==> flow/design.v <==
module u_order #(
  parameter W = 12
) (
  input clk,
  input aresetn,
  input [W-1:0] src1_in,
  input [W-1:0] src2_in,
  output le_out
);
  reg [W-1:0] src1_r;
  reg [W-1:0] src2_r;
  always @(posedge clk) begin
    if (~aresetn) begin
      src1_r <= 0;
      src2_r <= 0;
    end else begin
      src1_r <= src1_in;
      src2_r <= src2_in;
    end
  end
  assign le_out = (src1_r <= src2_r);
endmodule
# Reports on u_order
# Tool output for the design above, in the order of the flow.
# Line numbers count from 1 in the design file above.
# Operators carry their Yosys type and port widths (W data, S select, Z words).
# Cell names lack the library's common part.
# A cell with -- has no value.
dict set report design {
  top_module {u_order}
  clock {clk}
  lib {sky130hd}
  pvt_corner {tt_025C_1v80}
}

# Elaborated design
# Yosys after proc, flatten, opt, wreduce and memory -nomap, before mapping. Enables and synchronous resets that opt folds into registers are not counted as muxes. Memory bits, and registers merged into a memory's read port (data or address), are not among the register bits. Print and check cells are not counted. Equal cells are merged and count once.
dict set report word_totals {
  word_cells 3
  ff_bits 24
  input_bits 26
  output_inout_bits 1
}
dict set report classes {
  compare 1
}
# operator count
set op_table {}
lappend op_table {{$le A12 B12 Y1} 1}

# Logic depth
# Longest topological path by Yosys (ltp), each cell counted once; first at word level (registers and memories cut), then after technology mapping (sequential cells cut; the memories' decode and read muxes count).
dict set report logic_depth {
  depth_word 1
  abc_area 0
  depth_mapped 6
  mapped_depth_nobuf 6
}

# Synthesis result
# Source: synth_stat.txt of the flow (Yosys; design flattened, memories mapped). It holds for the ABC_AREA given above (unset counts as 0); a run with the other value may have another netlist.
# The area totals of this step are shown rounded.
# cell count area_total_um2
set types {}
lappend types {dfxtp_1 24 480.461}
lappend types {and2_1 24 150.144}
lappend types {ha_1 12 150.144}
lappend types {inv_1 12 45.043}
lappend types {a21oi_1 4 20.019}
lappend types {nand4_1 3 18.768}
lappend types {a21o_1 2 15.014}
lappend types {nand3_1 2 10.01}
lappend types {a211oi_1 1 7.507}
lappend types {clkbuf_1 2 7.507}
lappend types {o211ai_1 1 7.507}
lappend types {o31ai_1 1 7.507}
lappend types {nor2b_1 1 6.256}
lappend types {or3_1 1 6.256}
lappend types {nand2_1 1 3.754}
dict set report mapped {
  buf_cells 2
  flip_flops 24
  cells 91
  yosys_area_um2 936
}

# Path before layout
# Path of least setup slack by OpenSTA after synthesis, without wires, with an ideal clock, recovery checks aside; 20% of the period is set as input and as output delay. Where synthesis merged equal registers, the netlist keeps one of their names.
dict set report synth_timing {
  path_kind {flip-flop to output port}
  startpoint {register src2_r[1]}
  endpoint {output le_out}
  slack_ns 0.329
  output_delay_ns 0.410
  clock_period_ns 2.05
  arrival_ns 1.311
  path_stages 7
  t_required_ns 1.640
  path_delay_ns 1.311
  n_path_buf 0
  period_less_setup_slack_ns 1.721
}
# "path_delay_ns" is the arrival time less input delay plus setup time.
# At an output port there is no setup time.
# "path_stages" counts driving pins, that of a launching flip-flop among them; a cell with two outputs on the path counts twice.
# "period_less_setup_slack_ns" is the clock period less the worst setup slack; recovery checks do not enter. This is arithmetic on one report: input and output delays are still those of the set period (20% each).
# The rows between start and end are the longest chain of elaborated cells between them; the timing report does not say that the signal goes this way. Where chains are equally long, one stands for them.
# Each line given opens the expression or statement behind the cell; cells for indexed reads and writes are added by Yosys, which also makes memories of some case tables.
dict set report synth_between {
  path_cell_list {dfxtp_1 > inv_1 > ha_1 > nor2b_1 > o211ai_1 > a211oi_1 > o31ai_1}
  elab_chain_len 1
  cone_cells 1
  lines_between 1
}
# item line
set synth_lines {}
lappend synth_lines {{from (decl)} 11} ;# reg [W-1:0] src2_r;
lappend synth_lines {{from (assign)} 15} ;# src2_r <= 0;
lappend synth_lines {{from (assign)} 18} ;# src2_r <= src2_in;
lappend synth_lines {{$le A12 B12 Y1} 21} ;# assign le_out = (src1_r <= src2_r);
lappend synth_lines {{to (decl)} 8} ;# output le_out

# Path in the finished layout
# Path of least setup slack in the final report of entry B (OpenROAD, finished layout, wires in). Where an end is a register, its clock arrival counts in the times.
dict set report layout_timing {
  path_kind {flip-flop to output port}
  startpoint {register src2_r[1]}
  endpoint {output le_out}
  t_required_ns 0.97
  slack_ns -0.71
  output_delay_ns 0.24
  n_path_buf 1
  arrival_ns 1.68
  path_stages 8
  clock_period_ns 1.21
}
# The rows between start and end are the longest chain of elaborated cells between them; the timing report does not say that the signal goes this way. Where chains are equally long, one stands for them.
dict set report layout_between {
  path_cell_list {dfxtp_2 > inv_2 > ha_4 > nor2b_1 > o211ai_1 > a211oi_4 > o31ai_4 > buf_2}
  elab_chain_len 1
  cone_cells 1
  lines_between 1
}
# item line
set layout_lines {}
lappend layout_lines {{from (decl)} 11} ;# reg [W-1:0] src2_r;
lappend layout_lines {{from (assign)} 15} ;# src2_r <= 0;
lappend layout_lines {{from (assign)} 18} ;# src2_r <= src2_in;
lappend layout_lines {{$le A12 B12 Y1} 21} ;# assign le_out = (src1_r <= src2_r);
lappend layout_lines {{to (decl)} 8} ;# output le_out

# 3 stored runs of u_order in the flow (synthesis by Yosys, layout by OpenROAD, sky130hd cells), in arbitrary order. Constraints: input delay and output delay 20% of the set period each, output load 0.01 pF.
# "achieved_clock_period_ns" = clock period - worst setup slack. The figure is calculated, with input and output delays left at 20% of the set period.
# "worst_setup_path_time_ns" = time allowed to the worst setup path (clock period - input delay - output delay, where it has them) - its slack; a late launch clock adds to it, a late capture clock takes from it.
# By "final_power_w" is meant OpenSTA's value without simulated activity: inputs other than the clock are taken to toggle once in ten clock periods, and the tool carries that through the logic.
# Measured values are rounded.
run="entry A" settings period_ns=1.07 CORE_UTILIZATION=70 PLACE_DENSITY_LB_ADDON=0.06 CELL_PAD_IN_SITES_GLOBAL_PLACEMENT=3 CELL_PAD_IN_SITES_DETAIL_PLACEMENT=2 TNS_END_PERCENT=5 GPL_TIMING_DRIVEN=0 CTS_CLUSTER_DIAMETER=277 CAP_MARGIN=30 CORE_MARGIN=2 SLEW_MARGIN=20
run="entry A" outcome="not finished: placement ended with error FLW-0024"
run="entry B" settings period_ns=1.21 CORE_UTILIZATION=24 SETUP_SLACK_MARGIN=0.28 PLACE_DENSITY=0.56 CELL_PAD_IN_SITES_GLOBAL_PLACEMENT=1 CELL_PAD_IN_SITES_DETAIL_PLACEMENT=1 TNS_END_PERCENT=15 CAP_MARGIN=25 MIN_ROUTING_LAYER="met1" MAX_ROUTING_LAYER="met5" CORE_MARGIN=2 SLEW_MARGIN=20
run="entry B" results yosys_chip_area_um2=936 die_area_um2=4410 stdcell_area_um2=1410 layout_utilization_pct=38.0 final_setup_ws_ns=-0.709 tns_setup_ns=-0.709 timing.hold.ws_ns=0.539 final_power_w=0.00164 achieved_clock_period_ns=1.919 worst_setup_path_time_ns=1.68 path_kind="flip-flop to output port"
run="entry C" settings period_ns=2.05 CAP_MARGIN=20 CORE_MARGIN=2 CORE_UTILIZATION=40 SLEW_MARGIN=20
run="entry C" results yosys_chip_area_um2=936 die_area_um2=2740 stdcell_area_um2=1330 layout_utilization_pct=60.2 final_setup_ws_ns=-0.058 tns_setup_ns=-0.058 timing.hold.ws_ns=0.652 final_power_w=0.00097 achieved_clock_period_ns=2.108 worst_setup_path_time_ns=1.70 path_kind="flip-flop to output port"
